==> flow/design.v <==
module sync_mul_unit_n #(
    parameter integer DATA_W = 4
) (
    input wire core_clk,
    input wire adv,
    input wire [DATA_W-1:0] lhs,
    input wire [DATA_W-1:0] rhs,
    output wire [2*DATA_W-1:0] q
);
    reg [DATA_W-1:0] lhs_d1;
    always @(posedge core_clk) begin
        if (adv) begin
            lhs_d1 <= lhs;
        end
    end
    reg [DATA_W-1:0] rhs_d1;
    always @(posedge core_clk) begin
        if (adv) begin
            rhs_d1 <= rhs;
        end
    end
    assign q = lhs_d1 * rhs_d1;
endmodule
* Reports on sync_mul_unit_n
The steps from the RTL of sync_mul_unit_n to its reports follow in flow order.
Lines are those of the file above, counted from 1.
Operators carry their Yosys type and port widths (W data, S select, Z words).
Library cell names are shortened.
A cell with -- has no value.
- Top :: sync_mul_unit_n
- Clock input :: core_clk
- Library :: sky130hd
- Library corner :: tt_025C_1v80

* After elaboration
Counts by Yosys on the flattened word-level netlist (proc, flatten, opt, wreduce; memories kept). Register bits leave out memories and registers merged into their read ports (data or address); mux counts leave out enables and synchronous resets folded into registers. Print and check cells are left out. Cells with the same type and inputs are merged into one.
- Bits in latches :: 0
- Clocked read ports x word width :: 0
- Memory cells :: 0
- Flip-flop bits (word level) :: 8
- Bits in read-only memories :: 0
- RAM bits :: 0
- Elaborated cells :: 3
- Output and inout bits :: 8
- Input bits :: 10
- Order comparisons :: 0
- Multipliers :: 1
- Muxes and demuxes :: 0
- Shifts and indexed selects :: 0
- Add/subtract/negate cells :: 0
- Bitwise operators :: 0
- Reduce/logical cells :: 0
- Div/mod/pow operators :: 0
- Eq/ne operators :: 0
** Operators by type and width (count)
- $mul A4 B4 Y8 :: 1

* Depth
Yosys ltp: most cells in a row. Word level: on the elaborated netlist, between registers, memories and ports. Mapped: between sequential cells and ports; inverters and the memories' decode and read muxes count.
- Depth in word-level cells :: 1
- ABC_AREA :: 0
- Mapped depth :: 8
- Gate-level depth less buffers :: 8

* Synthesis result
Source: synth_stat.txt of the flow (Yosys; design flattened, memories mapped). It holds for the ABC_AREA given above (unset counts as 0); a run with the other value may have another netlist.
Totals and module areas in this step are rounded.
** Cell types
- edfxtp_1 :: count 8, total area 240.23 sq um
- ha_1 :: count 12, total area 150.144 sq um
- and2_1 :: count 13, total area 81.328 sq um
- fa_1 :: count 4, total area 80.077 sq um
- xnor2_1 :: count 2, total area 17.517 sq um
- a21o_1 :: count 2, total area 15.014 sq um
- nand2_1 :: count 3, total area 11.261 sq um
- a21oi_1 :: count 2, total area 10.01 sq um
- a221o_1 :: count 1, total area 10.01 sq um
- a211o_1 :: count 1, total area 8.758 sq um
- xor2_1 :: count 1, total area 8.758 sq um
- a211oi_1 :: count 1, total area 7.507 sq um
- and2b_1 :: count 1, total area 7.507 sq um
- inv_1 :: count 2, total area 7.507 sq um
- nor2_1 :: count 2, total area 7.507 sq um
- nor3b_1 :: count 1, total area 7.507 sq um
- o21a_1 :: count 1, total area 7.507 sq um
- nor2b_1 :: count 1, total area 6.256 sq um
- o21ai_0 :: count 1, total area 5.005 sq um
- Chip area (Yosys) :: 689 sq um
- Mapped flip-flops :: 8
- Mapped cells :: 59
- Buffers :: 0
- Sequential part of the area :: 240 sq um

* Worst setup path after synthesis
Source: OpenSTA report_checks on the synthesized netlist (no wires, ideal clock, input and output delay 20% of the period each), path of least setup slack; recovery checks are left aside. Register names are those of the netlist, which keeps one name where synthesis merged equal registers.
- Path type :: reg-to-output
- From :: register lhs_d1[0]
- To :: output port q[6]
- Arrival :: 2.489 ns
- Stages on the path :: 9
- Launch time at the first pin :: 0.000 ns
- Path delay :: 2.489 ns
- Data required time :: 3.112 ns
- Path slack :: 0.623 ns
- Clock period :: 3.89 ns
- Output delay :: 0.778 ns
- Buffers on the path :: 0
- Period reached after synthesis :: 3.267 ns
"path delay" = arrival - input delay + setup time.
A path that ends at an output port has no setup time.
"stages on the path" counts driving pins, that of a launching flip-flop among them; a cell with two outputs on the path counts twice.
"period reached after synthesis" is the clock period less the worst setup slack; recovery checks do not enter. This is arithmetic on one report: input and output delays are still those of the set period (20% each).
The rows between start and end are the longest chain of elaborated cells between them; the timing report does not say that the signal goes this way. Where chains are equally long, one stands for them.
Each line given opens the expression or statement behind the cell; cells for indexed reads and writes are added by Yosys, which also makes memories of some case tables.
- Cells stage by stage :: edfxtp_1 nand2_1 fa_1 inv_1 fa_1 fa_1 a21o_1 a21oi_1 xnor2_1
- Cells in the longest elaborated chain :: 1
- Elaborated cells between the ends (all ways) :: 1
- RTL lines with such cells :: 1
- Those cells by class :: mul (1)
** Ends and longest elaborated chain, after synthesis
- from (decl) :: RTL line 10 : reg [DATA_W-1:0] lhs_d1;
- from (assign) :: RTL line 13 : lhs_d1 <= lhs;
- $mul A4 B4 Y8 :: RTL line 22 : assign q = lhs_d1 * rhs_d1;
- to (decl) :: RTL line 8 : output wire [2*DATA_W-1:0] q

* Timing after layout
Path of least setup slack in the final report of flow run 2 (OpenROAD, finished layout, wires in). Where an end is a register, its clock arrival counts in the times.
- Path type :: reg-to-output
- From :: register rhs_d1[3]
- To :: output port q[7]
- Buffers on the path :: 1
- Launch time at the first pin :: 0.24 ns
- Arrival :: 2.95 ns
- Stages on the path :: 10
- Output delay :: 0.78 ns
- Path slack :: 0.16 ns
- Data required time :: 3.11 ns
- Clock period :: 3.89 ns
The rows between start and end are the longest chain of elaborated cells between them; the timing report does not say that the signal goes this way. Where chains are equally long, one stands for them.
- Cells stage by stage :: edfxtp_1 nand2_1 fa_1 inv_1 fa_1 ha_1 a211oi_2 nor2_1 a211o_1 dlygate4sd2_1
- Cells in the longest elaborated chain :: 1
- Elaborated cells between the ends (all ways) :: 1
- RTL lines with such cells :: 1
- Those cells by class :: mul (1)
** Ends and longest elaborated chain, after layout
- from (decl) :: RTL line 16 : reg [DATA_W-1:0] rhs_d1;
- from (assign) :: RTL line 19 : rhs_d1 <= rhs;
- $mul A4 B4 Y8 :: RTL line 22 : assign q = lhs_d1 * rhs_d1;
- to (decl) :: RTL line 8 : output wire [2*DATA_W-1:0] q

Appendix: measured runs

Design sync_mul_unit_n on sky130hd. What follows are 3 stored runs of the flow, each under its own settings; their order means nothing. The constraints put input and output delay at 20% of the set period each and load the outputs with 0.01 pF.
"allowed time less slack (worst setup path)" = time allowed to the worst setup path (clock period - input delay - output delay, where it has them) - its slack; a late launch clock adds to it, a late capture clock takes from it.
By "total power of the final layout" is meant OpenSTA's value without simulated activity: inputs other than the clock are taken to toggle once in ten clock periods, and the tool carries that through the logic.
The results are shown rounded.

** Flow run 1
- Settings :: period_ns=3.51; CORE_UTILIZATION=69; SETUP_SLACK_MARGIN=0.79; PLACE_DENSITY_LB_ADDON=0.29; HOLD_SLACK_MARGIN=-0.08; CORE_ASPECT_RATIO=0.75; CELL_PAD_IN_SITES_DETAIL_PLACEMENT=0; TNS_END_PERCENT=40; CTS_CLUSTER_SIZE=79; CTS_CLUSTER_DIAMETER=36; MIN_ROUTING_LAYER=met1; CAP_MARGIN=20; CORE_MARGIN=2; SLEW_MARGIN=20
- Outcome :: no final report: floorplanning broke off with PDN-0185

** Flow run 2
- Settings :: period_ns=3.89; CAP_MARGIN=20; CORE_MARGIN=2; CORE_UTILIZATION=40; SLEW_MARGIN=20
- Setup slack of the worst path :: 0.159 ns
- Post-route utilization :: 0.593
- Overall die area :: 2070 sq um
- Yosys chip area after synthesis :: 689 sq um
- Total power of the final layout :: 0.000321 W
- Allowed time less slack (worst setup path) :: 2.95 ns
- Class of the worst setup path :: reg-to-output

** Flow run 3
- Settings :: period_ns=1.9; CORE_UTILIZATION=68; SETUP_SLACK_MARGIN=0.51; PLACE_DENSITY_LB_ADDON=0.24; CORE_ASPECT_RATIO=0.94; TNS_END_PERCENT=70; ABC_AREA=0; CTS_CLUSTER_DIAMETER=344; MIN_ROUTING_LAYER=met1; CAP_MARGIN=20; CORE_MARGIN=2; SLEW_MARGIN=20
- Outcome :: no final report: placement broke off with FLW-0024
